==> flow/design.v <==
module sync_times_blk #(
  parameter NBITS = 14
) (
  input  logic CLK,
  input  logic [NBITS-1:0] in_u,
  input  logic [NBITS-1:0] in_v,
  output logic [2*NBITS-1:0] out_out
);
  logic [NBITS-1:0] u_d1;
  logic [NBITS-1:0] v_d1;
  wire [2*NBITS-1:0] nd [0:NBITS];
  assign nd[0] = 0;
  for (genvar g = 0; g < NBITS; g++) begin : g_bit
    assign nd[g+1] = nd[g] + (v_d1[g] ? {{NBITS{1'b0}}, u_d1} << g : {2*NBITS{1'b0}});
  end
  assign out_out = nd[NBITS];
  always_ff @(posedge CLK) begin
    u_d1 <= in_u;
    v_d1 <= in_v;
  end
endmodule
# == Tool chain data of sync_times_blk ==
# The steps from the RTL of sync_times_blk to its reports follow in flow order.
# Line numbers count from 1 in the design file above.
# Library cell names are shortened.
# The mark n/a stands for no value.
# design
design,sync_times_blk
clk_port,CLK
lib,sky130hd
corner,tt_025C_1v80

# == Word-level counts ==
# Counts by Yosys on the flattened word-level netlist (proc, flatten, opt, wreduce; memories kept). Register bits leave out memories and registers merged into their read ports (data or address); mux counts leave out enables and synchronous resets folded into registers. Print and check cells are left out. Cells with the same type and inputs are merged into one.
# word_totals
reg_bits,28
input_bits,29
output_inout_bits,28
word_cells,29
# op_classes
mux,14
n_addsub,13
# op_table
cell,n
27-bit by 27-bit adder with 28-bit output,1
26-bit by 26-bit adder with 27-bit output,1
27-bit two-way mux,1
25-bit by 25-bit adder with 26-bit output,1
26-bit two-way mux,1
24-bit by 24-bit adder with 25-bit output,1
25-bit two-way mux,1
23-bit by 23-bit adder with 24-bit output,1
24-bit two-way mux,1
22-bit by 22-bit adder with 23-bit output,1
23-bit two-way mux,1
21-bit by 21-bit adder with 22-bit output,1
22-bit two-way mux,1
20-bit by 20-bit adder with 21-bit output,1
21-bit two-way mux,1
19-bit by 19-bit adder with 20-bit output,1
20-bit two-way mux,1
18-bit by 18-bit adder with 19-bit output,1
19-bit two-way mux,1
17-bit by 17-bit adder with 18-bit output,1
18-bit two-way mux,1
16-bit by 16-bit adder with 17-bit output,1
17-bit two-way mux,1
14-bit by 15-bit adder with 16-bit output,1
16-bit two-way mux,1
15-bit two-way mux,1
14-bit two-way mux,1

# == Depth ==
# Longest topological path by Yosys (ltp), each cell counted once; first at word level (registers and memories cut), then after technology mapping (sequential cells cut; the memories' decode and read muxes count).
# depth
depth_word,14
ABC_AREA,0
ltp_mapped,21
depth_no_buf,20

# == After synthesis ==
# Source: synth_stat.txt of the flow (Yosys; design flattened, memories mapped). It holds for the ABC_AREA given above (unset counts as 0); a run with the other value may have another netlist.
# synth_totals
yosys_area_um2,6794.0
flip_flops,28
cell_count,704
sequential_area_um2,560.5
# types
type,n,type_area_um2
fa_1,146,2.92E+03
ha_1,85,1063.52
and2_1,92,575.552
dfxtp_1,28,560.538
nand2_1,120,450.432
inv_1,111,416.65
xnor2_1,13,113.859
clkbuf_1,29,108.854
a21o_1,9,67.565
xor2_1,6,52.55
a21oi_1,10,50.048
nor2_1,11,41.29
a211oi_1,4,30.029
a221oi_4,1,26.275
o21ai_0,5,25.024
o21a_1,3,22.522
o21bai_1,3,22.522
a31oi_4,1,21.27
# Not listed: further types 20, cells in them 27.

# == Worst setup path after synthesis ==
# OpenSTA on the mapped netlist: ideal clock, no wires. The path of least setup slack (recovery checks aside). Input and output delay are each 20% of the period. Register names are those of the netlist, which keeps one name where synthesis merged equal registers.
# synth_timing
path_kind,reg-to-output
startpoint,reg u_d1[8]
endpoint,out out_out[26]
n_path_buf,1
tclk_ps,8040
setup_slack_ps,1287
required_ps,6432
driving_pins,18
arrival_time_ps,5145
out_delay_ps,1608
path_delay_ps,5145
period_less_setup_slack_ps,6753
# "path_delay_ps" is the arrival time less input delay plus setup time.
# At an output port there is no setup time.
# "driving_pins": output pins that drive a net of the path, with the launching flip-flop's if there is one; two outputs of one cell count as two.
# "period_less_setup_slack_ps" = period - worst setup slack (recovery checks aside). The figure is calculated, with input and output delays left at 20% of the set period.
# Between the ends stands the longest chain of elaborated cells between them, by number of cells; it is not shown to be the way that was timed. Of several equally long chains one is given.
# A line is the first line of the expression or statement that the cell stems from. Yosys adds cells for indexed reads and writes and turns some case tables into memories.
# synth_via
path_cell_list,dfxtp_1 > clkbuf_1 > nand2_1 > fa_1 > inv_1 > fa_1 > inv_1 > fa_1 > inv_1 > fa_1 > fa_1 > fa_1 > ha_1 > and3_1 > and3_4 > a221oi_4 > o21ai_2 > o311a_1
elab_chain_cells,14
cells_between,27
# synth_lines
item,line_no,text
"start, declared",9,logic [NBITS-1:0] u_d1;
"start, assigned",18,u_d1 <= in_u;
14-bit two-way mux,14,"assign nd[g+1] = nd[g] + (v_d1[g] ? {{NBITS{1'b0}}, u_d1} << g : {2*NBITS{1'b0}});"
14-bit by 15-bit adder with 16-bit output,14,
16-bit by 16-bit adder with 17-bit output,14,
17-bit by 17-bit adder with 18-bit output,14,
18-bit by 18-bit adder with 19-bit output,14,
19-bit by 19-bit adder with 20-bit output,14,
20-bit by 20-bit adder with 21-bit output,14,
21-bit by 21-bit adder with 22-bit output,14,
22-bit by 22-bit adder with 23-bit output,14,
23-bit by 23-bit adder with 24-bit output,14,
24-bit by 24-bit adder with 25-bit output,14,
25-bit by 25-bit adder with 26-bit output,14,
26-bit by 26-bit adder with 27-bit output,14,
27-bit by 27-bit adder with 28-bit output,14,
"end, declared",7,output logic [2*NBITS-1:0] out_out

# == Worst path after layout ==
# Path of least setup slack in the final report of job 1 (OpenROAD, finished layout, wires in). Where an end is a register, its clock arrival counts in the times.
# The path's times are printed in steps of 10 ps; the period is the one set.
# layout_timing
path_kind,reg-to-output
startpoint,reg u_d1[10]
endpoint,out out_out[27]
driving_pins,17
out_delay_ps,1610
setup_slack_ps,290
tclk_ps,8040
required_ps,6430
n_path_buf,2
arrival_time_ps,6140
# Between the ends stands the longest chain of elaborated cells between them, by number of cells; it is not shown to be the way that was timed. Of several equally long chains one is given.
# layout_via
path_cell_list,dfxtp_1 > buf_4 > and2_1 > fa_1 > fa_1 > fa_1 > fa_1 > fa_1 > fa_1 > ha_1 > and3_1 > nor2_1 > a21oi_4 > nand3_1 > o31ai_1 > xnor2_1 > clkdlybuf4s50_1
elab_chain_cells,14
cells_between,27
# layout_lines
item,line_no,text
"start, declared",9,logic [NBITS-1:0] u_d1;
"start, assigned",18,u_d1 <= in_u;
14-bit two-way mux,14,"assign nd[g+1] = nd[g] + (v_d1[g] ? {{NBITS{1'b0}}, u_d1} << g : {2*NBITS{1'b0}});"
14-bit by 15-bit adder with 16-bit output,14,
16-bit by 16-bit adder with 17-bit output,14,
17-bit by 17-bit adder with 18-bit output,14,
18-bit by 18-bit adder with 19-bit output,14,
19-bit by 19-bit adder with 20-bit output,14,
20-bit by 20-bit adder with 21-bit output,14,
21-bit by 21-bit adder with 22-bit output,14,
22-bit by 22-bit adder with 23-bit output,14,
23-bit by 23-bit adder with 24-bit output,14,
24-bit by 24-bit adder with 25-bit output,14,
25-bit by 25-bit adder with 26-bit output,14,
26-bit by 26-bit adder with 27-bit output,14,
27-bit by 27-bit adder with 28-bit output,14,
"end, declared",7,output logic [2*NBITS-1:0] out_out

# Module sync_times_blk, platform sky130hd: 3 stored runs of the flow (Yosys, OpenROAD) with differing settings, in no particular order. Input and output delays are each 20% of the period that was set; the output load is 0.01 pF.
# "achievedPeriod_ps" means the clock period less the worst setup slack. The figure is calculated, with input and output delays left at 20% of the set period.
# "worstPathTime_ps" = time allowed to the worst setup path (clock period - input delay - output delay, where it has them) - its slack; a late launch clock adds to it, a late capture clock takes from it.
# "worstPathTime_ps" is given in steps of 10 ps.
# Settings: n/a = not set for that run.
item,job 1,job 2,job 3
period_ns,8.04,9.76,4.21
CAP_MARGIN,20,20,25
CORE_MARGIN,2,2,2
CORE_UTILIZATION,40,21,43
SLEW_MARGIN,20,20,20
SETUP_SLACK_MARGIN,n/a,-0.72,n/a
PLACE_DENSITY,n/a,0.72,n/a
HOLD_SLACK_MARGIN,n/a,0.15,n/a
CELL_PAD_IN_SITES_GLOBAL_PLACEMENT,n/a,2,3
CELL_PAD_IN_SITES_DETAIL_PLACEMENT,n/a,2,1
ABC_AREA,n/a,1,n/a
GPL_ROUTABILITY_DRIVEN,n/a,0,n/a
MIN_ROUTING_LAYER,n/a,met1,n/a
PLACE_DENSITY_LB_ADDON,n/a,n/a,0.15
CORE_ASPECT_RATIO,n/a,n/a,0.91
GPL_TIMING_DRIVEN,n/a,n/a,0
achievedPeriod_ps,7750,8205,6358
worst_setup_slack_ps,290,1555,-2148
die_um2,18043.2,36079.1,16822.6
worstPathTime_ps,6140,6250,5520
worst_path_kind,reg-to-output,reg-to-output,reg-to-output
yosys_chip_area_um2,6794.0,7260.7,6794.0
fin_util_pct,46.4,24.4,62.6
post_route_stdcell_area_um2,7701.1,8374.3,9603.0
setupTns_ps,0,0,-37951
final_hold_ws_ps,1780,2118,1003
